==> flow/design.v <==
module times_n #(
  parameter integer BITS = 18
) (
  input  clk,
  input  rst_n,
  input  [BITS-1:0] lhs_i,
  output [2*BITS-1:0] out_o
);
  reg [2*BITS-1:0] out_s;
  always @(posedge clk or negedge rst_n) begin
    if (!rst_n) begin
      out_s <= 0;
    end else begin
      out_s <= lhs_i * lhs_i;
    end
  end
  assign out_o = out_s;
endmodule
# == Tool chain data of times_n ==
# Tool output for the design above, in the order of the flow.
# Line numbers count from 1 in the design file above.
# Operators carry their Yosys type and port widths (W data, S select, Z words).
# A cell with - has no value.
# setup
design,times_n
clk_port,clk
library,sky130hd
lib_corner,tt_025C_1v80

# == Word-level counts ==
# Source: Yosys, flattened and elaborated, memories not mapped. Widths are those after wreduce; folded enables and synchronous resets count as part of the registers. Registers that Yosys merges into a memory's read port (data or address) are not register bits. Print and check cells do not count. Equal cells are merged and count once.
# op_classes
mul,1
# op_table
operator,n
$mul A18 B18 Y36,1
# bits
reg_bits,36
in_bits,20
wordCells,2

# == Depth ==
# Depth = most cells in a row (Yosys ltp): at word level without a register or memory, in the mapped netlist without a sequential cell, where the memories' decode and read muxes count.
# depth
depth_word,1
ABC_AREA,0
mapped_depth,24
mapped_depth_nobuf,21

# == Mapped cells and area ==
# Source: synth_stat.txt of the flow (Yosys; design flattened, memories mapped). It holds for the ABC_AREA given above (unset counts as 0); a run with the other value may have another netlist.
# The area totals of this step are shown rounded.
# types
cell,n,type_area_um2
sky130_fd_sc_hd__fa_1,217,4.34E+03
sky130_fd_sc_hd__ha_1,112,1.4E+03
sky130_fd_sc_hd__inv_1,329,1.23E+03
sky130_fd_sc_hd__dfrtp_1,35,875.84
sky130_fd_sc_hd__nand2_1,113,424.157
sky130_fd_sc_hd__and2_1,60,375.36
sky130_fd_sc_hd__xnor2_1,18,157.651
sky130_fd_sc_hd__a21oi_1,31,155.149
sky130_fd_sc_hd__clkbuf_1,29,108.854
sky130_fd_sc_hd__nor2_1,28,105.101
sky130_fd_sc_hd__xor2_1,12,105.101
sky130_fd_sc_hd__a21o_1,10,75.072
sky130_fd_sc_hd__nor3_1,14,70.067
sky130_fd_sc_hd__o21ai_0,13,65.062
sky130_fd_sc_hd__o21a_1,7,52.55
sky130_fd_sc_hd__o21bai_1,7,52.55
sky130_fd_sc_hd__nand4_1,8,50.048
sky130_fd_sc_hd__a211oi_1,6,45.043
# Other cell types: 46; their cells: 88.
# mapped
mapped_cells,1137
area_um2,10390
flip_flops,35
n_buf,38

# == Worst setup path after synthesis ==
# Source: OpenSTA report_checks on the synthesized netlist (no wires, ideal clock, input and output delay 20% of the period each), path of least setup slack; recovery checks are left aside. Register names are those of the netlist, which keeps one name where synthesis merged equal registers.
# synth_timing
path_kind,input to register
from,input lhs_i[9]
to,register out_s[32]
period_ns,8.55
input_delay_ns,1.710
t_first_pin_ns,1.710
t_arrival_ns,7.064
required_ns,8.430
setup_slack_ns,1.366
delay_ns,5.474
stages,19
period_less_setup_slack_ns,7.184
# "delay_ns" = arrival - input delay + setup time.
# "stages": output pins that drive a net of the path, with the launching flip-flop's if there is one; two outputs of one cell count as two.
# "period_less_setup_slack_ns" = period - worst setup slack (recovery checks aside). The figure is calculated, with input and output delays left at 20% of the set period.
# Between the ends stands the longest chain of elaborated cells between them, by number of cells; it is not shown to be the way that was timed. Of several equally long chains one is given.
# A line is the first line of the expression or statement that the cell stems from. Yosys adds cells for indexed reads and writes and turns some case tables into memories.
# synth_via
path_cell_list,sky130_fd_sc_hd__clkbuf_1 > sky130_fd_sc_hd__clkbuf_1 > sky130_fd_sc_hd__nand2_1 > sky130_fd_sc_hd__fa_1 > sky130_fd_sc_hd__inv_1 > sky130_fd_sc_hd__fa_1 > sky130_fd_sc_hd__inv_1 > sky130_fd_sc_hd__fa_1 > sky130_fd_sc_hd__fa_1 > sky130_fd_sc_hd__inv_1 > sky130_fd_sc_hd__fa_1 > sky130_fd_sc_hd__fa_1 > sky130_fd_sc_hd__ha_1 > sky130_fd_sc_hd__a211oi_1 > sky130_fd_sc_hd__nor2_1 > sky130_fd_sc_hd__a2111oi_0 > sky130_fd_sc_hd__a22oi_1 > sky130_fd_sc_hd__a211o_1 > sky130_fd_sc_hd__and3_1
elab_chain_len,1
# synth_lines
item,line,rtl
from (decl),6,"input  [BITS-1:0] lhs_i,"
$mul A18 B18 Y36,14,out_s <= lhs_i * lhs_i;
to (assign),12,out_s <= 0;
to (assign),14,
to (decl),9,reg [2*BITS-1:0] out_s;

# == Timing after layout ==
# Path of least setup slack in the final report of run 1 (OpenROAD, finished layout, wires in). Where an end is a register, its clock arrival counts in the times.
# layout_timing
path_kind,input to register
from,input lhs_i[5]
to,register out_s[30]
period_ns,8.55
input_delay_ns,1.71
t_first_pin_ns,1.71
t_arrival_ns,8.06
required_ns,8.70
setup_slack_ns,0.65
stages,19
# Between the ends stands the longest chain of elaborated cells between them, by number of cells; it is not shown to be the way that was timed. Of several equally long chains one is given.
# layout_via
path_cell_list,sky130_fd_sc_hd__clkdlybuf4s50_1 > sky130_fd_sc_hd__and2_1 > sky130_fd_sc_hd__inv_1 > sky130_fd_sc_hd__fa_1 > sky130_fd_sc_hd__inv_1 > sky130_fd_sc_hd__fa_1 > sky130_fd_sc_hd__inv_1 > sky130_fd_sc_hd__fa_1 > sky130_fd_sc_hd__fa_1 > sky130_fd_sc_hd__inv_1 > sky130_fd_sc_hd__fa_1 > sky130_fd_sc_hd__fa_1 > sky130_fd_sc_hd__ha_1 > sky130_fd_sc_hd__a211oi_1 > sky130_fd_sc_hd__nor2_1 > sky130_fd_sc_hd__nor4b_2 > sky130_fd_sc_hd__nand3_2 > sky130_fd_sc_hd__and4_4 > sky130_fd_sc_hd__a2111oi_2
elab_chain_len,1
# layout_lines
item,line,rtl
from (decl),6,"input  [BITS-1:0] lhs_i,"
$mul A18 B18 Y36,14,out_s <= lhs_i * lhs_i;
to (assign),12,out_s <= 0;
to (assign),14,
to (decl),9,reg [2*BITS-1:0] out_s;

Lab notebook: times_n

Flow measurements of times_n on sky130hd: 3 stored runs with different settings, listed in no order. Input and output delays are each 20% of the period that was set; the output load is 0.01 pF.
"timing.achieved_period_ns" means the clock period less the worst setup slack. The figure is calculated, with input and output delays left at 20% of the set period.
Values from the reports are rounded here.

Run 1, flow files:
==> flow/run.sh <==
#!/bin/bash
# the make line also repeats the synthesis and layout settings of config.mk as NAME=value (left out here)
make -C /OpenROAD-flow-scripts/flow DESIGN_CONFIG=/design/flow/config.mk WORK_HOME=/design/flow/orfs CLKGATE_MAP_FILE= finish
==> flow/config.mk <==
export PLATFORM = sky130hd
export DESIGN_NAME = times_n
export DESIGN_NICKNAME = times_n
export VERILOG_FILES = /design/flow/design.v
export SDC_FILE = /design/flow/constraint.sdc
export NUM_CORES = 4
export LEC_CHECK = 0
export CAP_MARGIN = 20
export CORE_MARGIN = 2
export CORE_UTILIZATION = 40
export SLEW_MARGIN = 20
==> flow/constraint.sdc <==
create_clock -name core_clock -period 8.55 [get_ports {clk}]
set_input_delay 1.7100 -clock core_clock [delete_from_list [all_inputs] [get_ports {clk}]]
set_output_delay 1.7100 -clock core_clock [all_outputs]
set_load 0.01 [all_outputs]

==> results of run 1, as CSV <==
result,value
ws_setup_ns,0.646
finish.utilization_frac,0.447
design.die.area_um2,27290
post_route_stdcell_area_um2,11500
yosys_chip_area_um2,10390
timing.achieved_period_ns,7.904

Run 2, flow files:
==> flow/run.sh <==
#!/bin/bash
# the make line also repeats the synthesis and layout settings of config.mk as NAME=value (left out here)
make -C /OpenROAD-flow-scripts/flow DESIGN_CONFIG=/design/flow/config.mk WORK_HOME=/design/flow/orfs CLKGATE_MAP_FILE= finish
==> flow/config.mk <==
export PLATFORM = sky130hd
export DESIGN_NAME = times_n
export DESIGN_NICKNAME = times_n
export VERILOG_FILES = /design/flow/design.v
export SDC_FILE = /design/flow/constraint.sdc
export NUM_CORES = 4
export LEC_CHECK = 0
export ABC_AREA = 1
export CAP_MARGIN = 20
export CORE_ASPECT_RATIO = 0.74
export CORE_MARGIN = 5
export CORE_UTILIZATION = 17
export CTS_CLUSTER_SIZE = 85
export GPL_ROUTABILITY_DRIVEN = 0
export MAX_ROUTING_LAYER = met4
export SETUP_SLACK_MARGIN = -0.12
export SLEW_MARGIN = 30
export TNS_END_PERCENT = 50
==> flow/constraint.sdc <==
create_clock -name core_clock -period 4.78 [get_ports {clk}]
set_input_delay 0.9560 -clock core_clock [delete_from_list [all_inputs] [get_ports {clk}]]
set_output_delay 0.9560 -clock core_clock [all_outputs]
set_load 0.01 [all_outputs]

==> results of run 2, as CSV <==
result,value
ws_setup_ns,-0.617
finish.utilization_frac,0.253
design.die.area_um2,68390
post_route_stdcell_area_um2,15860
yosys_chip_area_um2,10750
timing.achieved_period_ns,5.397

Run 3, flow files:
==> flow/run.sh <==
#!/bin/bash
# the make line also repeats the synthesis and layout settings of config.mk as NAME=value (left out here)
make -C /OpenROAD-flow-scripts/flow DESIGN_CONFIG=/design/flow/config.mk WORK_HOME=/design/flow/orfs CLKGATE_MAP_FILE= finish
==> flow/config.mk <==
export PLATFORM = sky130hd
export DESIGN_NAME = times_n
export DESIGN_NICKNAME = times_n
export VERILOG_FILES = /design/flow/design.v
export SDC_FILE = /design/flow/constraint.sdc
export NUM_CORES = 4
export LEC_CHECK = 0
export CAP_MARGIN = 20
export CORE_MARGIN = 2
export CORE_UTILIZATION = 67
export CTS_CLUSTER_SIZE = 72
export MAX_ROUTING_LAYER = met5
export SLEW_MARGIN = 35
export TNS_END_PERCENT = 60
==> flow/constraint.sdc <==
create_clock -name core_clock -period 13.3 [get_ports {clk}]
set_input_delay 2.6600 -clock core_clock [delete_from_list [all_inputs] [get_ports {clk}]]
set_output_delay 2.6600 -clock core_clock [all_outputs]
set_load 0.01 [all_outputs]

==> results of run 3, as CSV <==
result,value
ws_setup_ns,4.287
finish.utilization_frac,0.736
design.die.area_um2,16530
post_route_stdcell_area_um2,11190
yosys_chip_area_um2,10390
timing.achieved_period_ns,9.013
